==> flow/design.v <==
module my_switch #(
    parameter NBITS = 8
) (
    input  sys_clk,
    input  [NBITS-1:0] d0,
    input  [NBITS-1:0] d1,
    input  [NBITS-1:0] d2,
    input  [NBITS-1:0] d3,
    input  [NBITS-1:0] d4,
    input  [NBITS-1:0] d5,
    input  [NBITS-1:0] d6,
    input  [NBITS-1:0] d7,
    input  [NBITS-1:0] d8,
    input  [NBITS-1:0] d9,
    input  [NBITS-1:0] d10,
    input  [NBITS-1:0] d11,
    input  [NBITS-1:0] d12,
    input  [NBITS-1:0] d13,
    input  [NBITS-1:0] d14,
    input  [NBITS-1:0] d15,
    input  [3:0] sel,
    output [NBITS-1:0] z_o
);
    wire [NBITS-1:0] r;
    assign r =
        (sel == 4'd0) ? d0 :
        (sel == 4'd1) ? d1 :
        (sel == 4'd2) ? d2 :
        (sel == 4'd3) ? d3 :
        (sel == 4'd4) ? d4 :
        (sel == 4'd5) ? d5 :
        (sel == 4'd6) ? d6 :
        (sel == 4'd7) ? d7 :
        (sel == 4'd8) ? d8 :
        (sel == 4'd9) ? d9 :
        (sel == 4'd10) ? d10 :
        (sel == 4'd11) ? d11 :
        (sel == 4'd12) ? d12 :
        (sel == 4'd13) ? d13 :
        (sel == 4'd14) ? d14 :
        d15;
    reg [NBITS-1:0] r_z_o;
    always @(posedge sys_clk)
        r_z_o <= r;
    assign z_o = r_z_o;
endmodule
* Step by step through the tools: my_switch *
Tool output for the design above, in the order of the flow.
Lines are those of the file above, counted from 1.
Operators: Yosys type, input widths -> output width; for muxes data width and select width s.
Cell names lack the library's common part.
A cell with - has no value.

design
  top = my_switch
  clock = sys_clk
  cell library = sky130hd
  library corner = tt_025C_1v80

* Word level *
Source: Yosys, flattened and elaborated, memories not mapped. Widths are those after wreduce; folded enables and synchronous resets count as part of the registers. Registers that Yosys merges into a memory's read port (data or address) are not register bits. Print and check cells do not count. Equal cells are merged and count once.

cells by class
  equality and inequality tests = 14
  multiplexer cells = 15
  reductions and logical operators = 1

operators by type and width
  cell                count
  $mux 8              15
  $eq 4x4->1 const B  7
  $eq 4x3->1 const B  4
  $eq 4x2->1 const B  2
  $eq 4x1->1 const B  1
  $logic_not 4->1     1

word-level totals
  flip-flop bits (word level) = 8
  input bits = 133
  output and inout bits = 8
  word-level cells = 31

* Longest topological paths *
Yosys ltp: most cells in a row. Word level: on the elaborated netlist, between registers, memories and ports. Mapped: between sequential cells and ports; inverters and the memories' decode and read muxes count.

logic depth
  depth after elaboration = 16
  ABC_AREA = 0
  depth in mapped cells = 7

* Netlist *
Source: synth_stat.txt of the flow (Yosys; design flattened, memories mapped). It holds for the ABC_AREA given above (unset counts as 0); a run with the other value may have another netlist.
The area totals of this step are shown rounded.

mapped netlist
  mapped cells = 258
  mapped area = 1860 um2
  sequential area = 160 um2
  flip-flops = 8
  buffers = 25

cell types
  cell       count
  dfxtp_1    8
  mux4_2     7
  a21oi_1    30
  o22ai_1    18
  o21ai_0    21
  mux2i_1    9
  nor2b_1    12
  a22oi_1    9
  buf_6      6
  nand2_1    18
  nor2_1     17
  a211oi_1   7
  buf_4      7
  buf_2      7
  nand3_1    7
  mux2_2     3
  nand2b_1   5
  a2111oi_2  2

Other cell types: 34; their cells: 65.

* Worst setup path after synthesis *
Path of least setup slack by OpenSTA after synthesis, without wires, with an ideal clock, recovery checks aside; 20% of the period is set as input and as output delay. Where synthesis merged equal registers, the netlist keeps one of their names.

timing post-synthesis
  path type = input to register
  start point = input sel[0]
  end point = register r_z_o[2]
  period = 1.8 ns
  setup time = 0.135 ns
  time at the first pin = 0.360 ns
  data arrival time = 1.380 ns
  data required time = 1.665 ns
  path slack = 0.284 ns
  delay of the path = 1.155 ns
  stages = 7
  path buffers = 2
  period reached after synthesis = 1.516 ns

"delay of the path" = arrival - input delay + setup time.
"stages": output pins that drive a net of the path, with the launching flip-flop's if there is one; two outputs of one cell count as two.
"period reached after synthesis" = period - worst setup slack (recovery checks aside). The figure is calculated, with input and output delays left at 20% of the set period.
Between the ends stands the longest chain of elaborated cells between them, by number of cells; it is not shown to be the way that was timed. Of several equally long chains one is given.
Each line given opens the expression or statement behind the cell; cells for indexed reads and writes are added by Yosys, which also makes memories of some case tables.

between the ends, post-synthesis
  path through = buf_4 buf_6 and2_1 a2111oi_0 a211oi_1 o22ai_1 a22oi_1
  length of the longest elaborated chain = 16
  elaborated cells on any way between the ends = 30
  RTL lines with such cells = 15
  classes of those cells = 14 x eq/ne; 15 x mux; 1 x reduce/logical

ends and longest elaborated chain, post-synthesis
  element         line  source
  from (decl)     21    input  [3:0] sel,
  $eq 4x4->1      40    (sel == 4'd14) ? d14 :
  $mux 8          40
  $mux 8          39    (sel == 4'd13) ? d13 :
  $mux 8          38    (sel == 4'd12) ? d12 :
  $mux 8          37    (sel == 4'd11) ? d11 :
  $mux 8          36    (sel == 4'd10) ? d10 :
  $mux 8          35    (sel == 4'd9) ? d9 :
  [2 not listed]  -
  $mux 8          32    (sel == 4'd6) ? d6 :
  $mux 8          31    (sel == 4'd5) ? d5 :
  $mux 8          30    (sel == 4'd4) ? d4 :
  $mux 8          29    (sel == 4'd3) ? d3 :
  $mux 8          28    (sel == 4'd2) ? d2 :
  $mux 8          27    (sel == 4'd1) ? d1 :
  $mux 8          26    (sel == 4'd0) ? d0 :
  to (assign)     44    r_z_o <= r;
  to (decl)       42    reg [NBITS-1:0] r_z_o;

* Timing after layout *
Path of least setup slack in the final report of flow run 1 (OpenROAD, finished layout, wires in). Where an end is a register, its clock arrival counts in the times.

timing post-layout
  path type = input to register
  start point = input d8[1]
  end point = register r_z_o[1]
  period = 1.8 ns
  setup time = 0.12 ns
  time at the first pin = 0.36 ns
  data arrival time = 1.73 ns
  data required time = 1.92 ns
  path slack = 0.19 ns
  stages = 6
  path buffers = 1

Between the ends stands the longest chain of elaborated cells between them, by number of cells; it is not shown to be the way that was timed. Of several equally long chains one is given.

between the ends, post-layout
  path through = clkdlybuf4s50_1 or3b_1 a21oi_1 a31oi_1 a311oi_1 nor2_1
  length of the longest elaborated chain = 9
  elaborated cells on any way between the ends = 9
  RTL lines with such cells = 9
  classes of those cells = 9 x mux

ends and longest elaborated chain, post-layout
  element      line  source
  from (decl)  13    input  [NBITS-1:0] d8,
  $mux 8       34    (sel == 4'd8) ? d8 :
  $mux 8       33    (sel == 4'd7) ? d7 :
  $mux 8       32    (sel == 4'd6) ? d6 :
  $mux 8       31    (sel == 4'd5) ? d5 :
  $mux 8       30    (sel == 4'd4) ? d4 :
  $mux 8       29    (sel == 4'd3) ? d3 :
  $mux 8       28    (sel == 4'd2) ? d2 :
  $mux 8       27    (sel == 4'd1) ? d1 :
  $mux 8       26    (sel == 4'd0) ? d0 :
  to (assign)  44    r_z_o <= r;
  to (decl)    42    reg [NBITS-1:0] r_z_o;

FLOW RESULTS
============

Top module my_switch; platform sky130hd; tools Yosys and OpenROAD; 3 stored runs in no particular order. Input and output delays are each 20% of the period that was set; the output load is 0.01 pF.
"reached clock period" means the clock period less the worst setup slack. The figure is calculated, with input and output delays left at 20% of the set period.
"critical setup path time" is the time allowed to the run's worst setup path (the clock period less input and output delay, where it has them) less its slack. Clock arrival times count: a late capture clock shortens it, a late launch clock lengthens it.
"total power of the final layout" is the tool's figure for a default switching activity; nothing was simulated.
Results are given in rounded form.
Among the settings, n/a means not set for that run.
Results: n/a = not shown.

item                                          flow run 1         flow run 2  flow run 3
period_ns                                     1.8                1.82        2.66
CAP_MARGIN                                    20                 25          30
CORE_MARGIN                                   2                  5           6
CORE_UTILIZATION                              40                 62          27
SLEW_MARGIN                                   20                 20          25
SETUP_SLACK_MARGIN                            n/a                0.35        n/a
PLACE_DENSITY                                 n/a                0.47        n/a
TNS_END_PERCENT                               n/a                50          n/a
ABC_AREA                                      n/a                1           n/a
GPL_ROUTABILITY_DRIVEN                        n/a                0           0
MIN_ROUTING_LAYER                             n/a                met2        met1
MAX_ROUTING_LAYER                             n/a                met5        met5
CTS_CLUSTER_DIAMETER                          n/a                n/a         87
area inside the die boundary (um2)            5220               n/a         9040
chip area in the Yosys report (um2)           1860               n/a         1860
worst-case hold slack (ns)                    0.788              n/a         0.917
critical setup path time (ns)                 1.25               n/a         1.61
kind of the worst setup path                  input to register  n/a         input to register
reached clock period (ns)                     1.613              n/a         2.146
smallest setup slack (ns)                     0.187              n/a         0.514
total power of the final layout (µW)          1280               n/a         842
final design utilization (%)                  79.2               n/a         51.5
standard-cell area of the final layout (um2)  3500               n/a         3340
total negative slack (ns)                     0.000              n/a         0.000

Flow run 2: did not finish, placement stopped with GPL-0301
